==> flow/design.v <==
module mul_core #(
    parameter integer XLEN = 28
) (
    input  logic i_clk,
    input  logic aresetn,
    input  logic [XLEN-1:0] first_i,
    input  logic [XLEN-1:0] second_i,
    input  logic [2*XLEN-1:0] third_i,
    output logic [2*XLEN:0] result_o
);
    logic [XLEN-1:0] first_s;
    logic [XLEN-1:0] second_s;
    logic [2*XLEN-1:0] third_s;
    logic [2*XLEN:0] result_s;
    always_ff @(posedge i_clk or negedge aresetn) begin
        if (!aresetn) begin
            first_s <= '0;
            second_s <= '0;
            third_s <= '0;
            result_s <= '0;
        end else begin
            first_s <= first_i;
            second_s <= second_i;
            third_s <= third_i;
            result_s <= first_s * second_s + third_s;
        end
    end
    assign result_o = result_s;
endmodule
From RTL to reports: mul_core
Tool output for the design above, in the order of the flow.
Lines are those of the file above, counted from 1.
Library cell names are shortened.
Not given: n/a

design
  top module = mul_core
  clock = i_clk
  cell library = sky130hd
  library corner = tt_025C_1v80

Word-level counts
Yosys after proc, flatten, opt, wreduce and memory -nomap, before mapping. Enables and synchronous resets that opt folds into registers are not counted as muxes. Memory bits, and registers merged into a memory's read port (data or address), are not among the register bits. Print and check cells are not counted. Equal cells are merged and count once.

storage and ports
  input port bits = 114
  register bits after elaboration = 169
  cells after elaboration = 6
  output and inout port bits = 57

cells by class
  $add $sub $neg = 1
  $mul = 1

operators with widths
  kind                          number
  multiplier 28 x 28 -> 56 bit  1
  adder 56 x 56 -> 57 bit       1

Depth
Depth = most cells in a row (Yosys ltp): at word level without a register or memory, in the mapped netlist without a sequential cell, where the memories' decode and read muxes count.

logic depth
  depth in word-level cells = 2
  ABC_AREA = 0
  depth in mapped cells = 29
  gate-level depth less buffers = 26

After synthesis
Yosys stat after the flow's synthesis: flattened, memories mapped to cells. It holds for the ABC_AREA given above (unset counts as 0); a run with the other value may have another netlist.

cell types
  cell      number  total area (µm²)
  fa_1      727     1.46E+04
  dfrtp_1   169     4.23E+03
  inv_1     841     3.16E+03
  ha_1      222     2.78E+03
  and2_1    422     2.64E+03
  nand2_1   408     1.53E+03
  clkbuf_1  167     626.851
  xnor2_1   36      315.302
  a21oi_1   56      280.269
  a21o_1    36      270.259
  xor2_1    19      166.41
  o21ai_0   32      160.154
  nand4_1   19      118.864
  nor2_1    24      90.086
  a31oi_1   14      87.584
  and3_1    7       43.792
  o211ai_1  5       37.536
  o21bai_1  5       37.536

Other cell types: 44; their cells: 77.

synthesis totals
  flip-flops = 169
  synthesis area = 31763.0 µm²
  buffer cells = 174
  area of sequential cells = 4229.1 µm²
  standard cells after synthesis = 3286

Timing after synthesis
Path of least setup slack by OpenSTA after synthesis, without wires, with an ideal clock, recovery checks aside; 20% of the period is set as input and as output delay. Where synthesis merged equal registers, the netlist keeps one of their names.

timing post-synthesis
  path kind = register to register
  start point = register second_s[1]
  end point = register result_s[32]
  setup slack = 1.768 ns
  time at the first pin = 0.000 ns
  buffers on the path = 3
  stages on the path = 28
  setup time = 0.080 ns
  data arrival time = 7.002 ns
  data required time = 8.770 ns
  delay of the path = 7.082 ns
  period = 8.85 ns
  synthesis period reached = 7.082 ns

"delay of the path" = arrival - input delay + setup time.
"stages on the path": output pins that drive a net of the path, with the launching flip-flop's if there is one; two outputs of one cell count as two.
"synthesis period reached" is the clock period less the worst setup slack; recovery checks do not enter. This is arithmetic on one report: input and output delays are still those of the set period (20% each).
The rows between start and end are the longest chain of elaborated cells between them; the timing report does not say that the signal goes this way. Where chains are equally long, one stands for them.
Each line given opens the expression or statement behind the cell; cells for indexed reads and writes are added by Yosys, which also makes memories of some case tables.

between the ends, post-synthesis
  cells stage by stage = dfrtp_1 -> clkbuf_1 -> clkbuf_1 -> nand2_1 -> fa_1 -> inv_1 -> fa_1 -> fa_1 -> inv_1 -> fa_1 -> inv_1 -> fa_1 -> fa_1 -> fa_1 -> inv_1 -> fa_1 -> inv_1 -> ha_1 -> clkbuf_1 -> a21oi_1 -> o211ai_1 -> a31oi_1 -> o21ai_0 -> or2_1 -> a21o_1 -> a21o_1 -> a221oi_2 -> xnor2_1
  length of the longest elaborated chain = 2
  elaborated cells between the ends (all ways) = 2
  RTL lines with such cells = 1
  classes of those cells = add/sub: 1; mul: 1

RTL lines, path post-synthesis
  item                          RTL line  source
  start: declaration            12        logic [XLEN-1:0] second_s;
  start: assignment             18        second_s <= '0;
  start: assignment             23        second_s <= second_i;
  multiplier 28 x 28 -> 56 bit  25        result_s <= first_s * second_s + third_s;
  adder 56 x 56 -> 57 bit       25
  end: assignment               20        result_s <= '0;
  end: assignment               25
  end: declaration              14        logic [2*XLEN:0] result_s;

Path in the finished layout
Path of least setup slack in the final report of run B (OpenROAD, finished layout, wires in). Where an end is a register, its clock arrival counts in the times.

timing after layout
  path kind = register to register
  start point = register second_s[4]
  end point = register result_s[44]
  stages on the path = 23
  buffers on the path = 0
  setup slack = 0.65 ns
  data arrival time = 8.59 ns
  period = 8.85 ns
  time at the first pin = 0.51 ns
  data required time = 9.24 ns
  setup time = 0.12 ns

The rows between start and end are the longest chain of elaborated cells between them; the timing report does not say that the signal goes this way. Where chains are equally long, one stands for them.

between the ends, after layout
  cells stage by stage = dfrtp_1 -> nand2_1 -> fa_1 -> fa_1 -> fa_1 -> fa_1 -> inv_1 -> fa_1 -> fa_1 -> fa_1 -> inv_1 -> fa_1 -> inv_1 -> ha_1 -> and3_2 -> nand4_1 -> nor4_1 -> o31a_2 -> o21a_1 -> o211ai_1 -> o31ai_1 -> a21boi_0 -> xnor2_1
  length of the longest elaborated chain = 2
  elaborated cells between the ends (all ways) = 2
  RTL lines with such cells = 1
  classes of those cells = add/sub: 1; mul: 1

RTL lines, path after layout
  item                          RTL line  source
  start: declaration            12        logic [XLEN-1:0] second_s;
  start: assignment             18        second_s <= '0;
  start: assignment             23        second_s <= second_i;
  multiplier 28 x 28 -> 56 bit  25        result_s <= first_s * second_s + third_s;
  adder 56 x 56 -> 57 bit       25
  end: assignment               20        result_s <= '0;
  end: assignment               25
  end: declaration              14        logic [2*XLEN:0] result_s;

Subject: mul_core on sky130hd, stored results

Hello all,

Measured results for mul_core: 3 stored runs of the Yosys and OpenROAD flow on sky130hd. The settings differ; the order carries no meaning. The constraints put input and output delay at 20% of the set period each and load the outputs with 0.01 pF.
"achieved clock period" means the clock period less the worst setup slack. The figure is calculated, with input and output delays left at 20% of the set period.
"worst setup path time" is the time allowed to the run's worst setup path (the clock period less input and output delay, where it has them) less its slack. Clock arrival times count: a late capture clock shortens it, a late launch clock lengthens it.

Run A
==> flow/run.sh <==
#!/bin/bash
# the make line also repeats the synthesis and layout settings of config.mk as NAME=value (left out here)
make -C /OpenROAD-flow-scripts/flow DESIGN_CONFIG=/design/flow/config.mk WORK_HOME=/design/flow/orfs CLKGATE_MAP_FILE= finish
==> flow/config.mk <==
export PLATFORM = sky130hd
export DESIGN_NAME = mul_core
export DESIGN_NICKNAME = mul_core
export VERILOG_FILES = /design/flow/design.v
export SDC_FILE = /design/flow/constraint.sdc
export NUM_CORES = 4
export LEC_CHECK = 0
export CAP_MARGIN = 20
export CELL_PAD_IN_SITES_GLOBAL_PLACEMENT = 3
export CORE_ASPECT_RATIO = 0.75
export CORE_MARGIN = 7
export CORE_UTILIZATION = 51
export GPL_TIMING_DRIVEN = 0
export MAX_ROUTING_LAYER = met5
export MIN_ROUTING_LAYER = met2
export PLACE_DENSITY_LB_ADDON = 0.11
export SETUP_SLACK_MARGIN = 1.84
export SLEW_MARGIN = 20
==> flow/constraint.sdc <==
create_clock -name core_clock -period 6.76 [get_ports {i_clk}]
set_input_delay 1.3520 -clock core_clock [delete_from_list [all_inputs] [get_ports {i_clk}]]
set_output_delay 1.3520 -clock core_clock [all_outputs]
set_load 0.01 [all_outputs]

==> results of run A <==
did not finish, placement stopped with FLW-0024

Run B
==> flow/run.sh <==
#!/bin/bash
# the make line also repeats the synthesis and layout settings of config.mk as NAME=value (left out here)
make -C /OpenROAD-flow-scripts/flow DESIGN_CONFIG=/design/flow/config.mk WORK_HOME=/design/flow/orfs CLKGATE_MAP_FILE= finish
==> flow/config.mk <==
export PLATFORM = sky130hd
export DESIGN_NAME = mul_core
export DESIGN_NICKNAME = mul_core
export VERILOG_FILES = /design/flow/design.v
export SDC_FILE = /design/flow/constraint.sdc
export NUM_CORES = 4
export LEC_CHECK = 0
export CAP_MARGIN = 20
export CORE_MARGIN = 2
export CORE_UTILIZATION = 40
export SLEW_MARGIN = 20
==> flow/constraint.sdc <==
create_clock -name core_clock -period 8.85 [get_ports {i_clk}]
set_input_delay 1.7700 -clock core_clock [delete_from_list [all_inputs] [get_ports {i_clk}]]
set_output_delay 1.7700 -clock core_clock [all_outputs]
set_load 0.01 [all_outputs]

==> results of run B <==
chip area after synthesis (Yosys): 31763.0 µm²
die area: 81678.8 µm²
standard-cell area of the final layout: 35248.8 µm²
utilization: 0.448
worst setup slack after layout: 0.650 ns
total negative slack: 0.000 ns
worst hold slack: 0.497 ns
achieved clock period: 8.200 ns
worst setup path time: 8.20 ns
worst setup path kind: register to register

Run C
==> flow/run.sh <==
#!/bin/bash
# the make line also repeats the synthesis and layout settings of config.mk as NAME=value (left out here)
make -C /OpenROAD-flow-scripts/flow DESIGN_CONFIG=/design/flow/config.mk WORK_HOME=/design/flow/orfs CLKGATE_MAP_FILE= finish
==> flow/config.mk <==
export PLATFORM = sky130hd
export DESIGN_NAME = mul_core
export DESIGN_NICKNAME = mul_core
export VERILOG_FILES = /design/flow/design.v
export SDC_FILE = /design/flow/constraint.sdc
export NUM_CORES = 4
export LEC_CHECK = 0
export CAP_MARGIN = 5
export CORE_ASPECT_RATIO = 0.62
export CORE_MARGIN = 4
export CORE_UTILIZATION = 69
export MAX_ROUTING_LAYER = met4
export PLACE_DENSITY_LB_ADDON = 0.03
export SETUP_SLACK_MARGIN = -0.19
export SLEW_MARGIN = 30
export TNS_END_PERCENT = 45
==> flow/constraint.sdc <==
create_clock -name core_clock -period 7.72 [get_ports {i_clk}]
set_input_delay 1.5440 -clock core_clock [delete_from_list [all_inputs] [get_ports {i_clk}]]
set_output_delay 1.5440 -clock core_clock [all_outputs]
set_load 0.01 [all_outputs]

==> results of run C <==
chip area after synthesis (Yosys): 31763.0 µm²
die area: 49629.0 µm²
standard-cell area of the final layout: 35288.8 µm²
utilization: 0.781
worst setup slack after layout: 0.004 ns
total negative slack: 0.000 ns
worst hold slack: 0.485 ns
achieved clock period: 7.716 ns
worst setup path time: 7.72 ns
worst setup path kind: register to register

Thanks
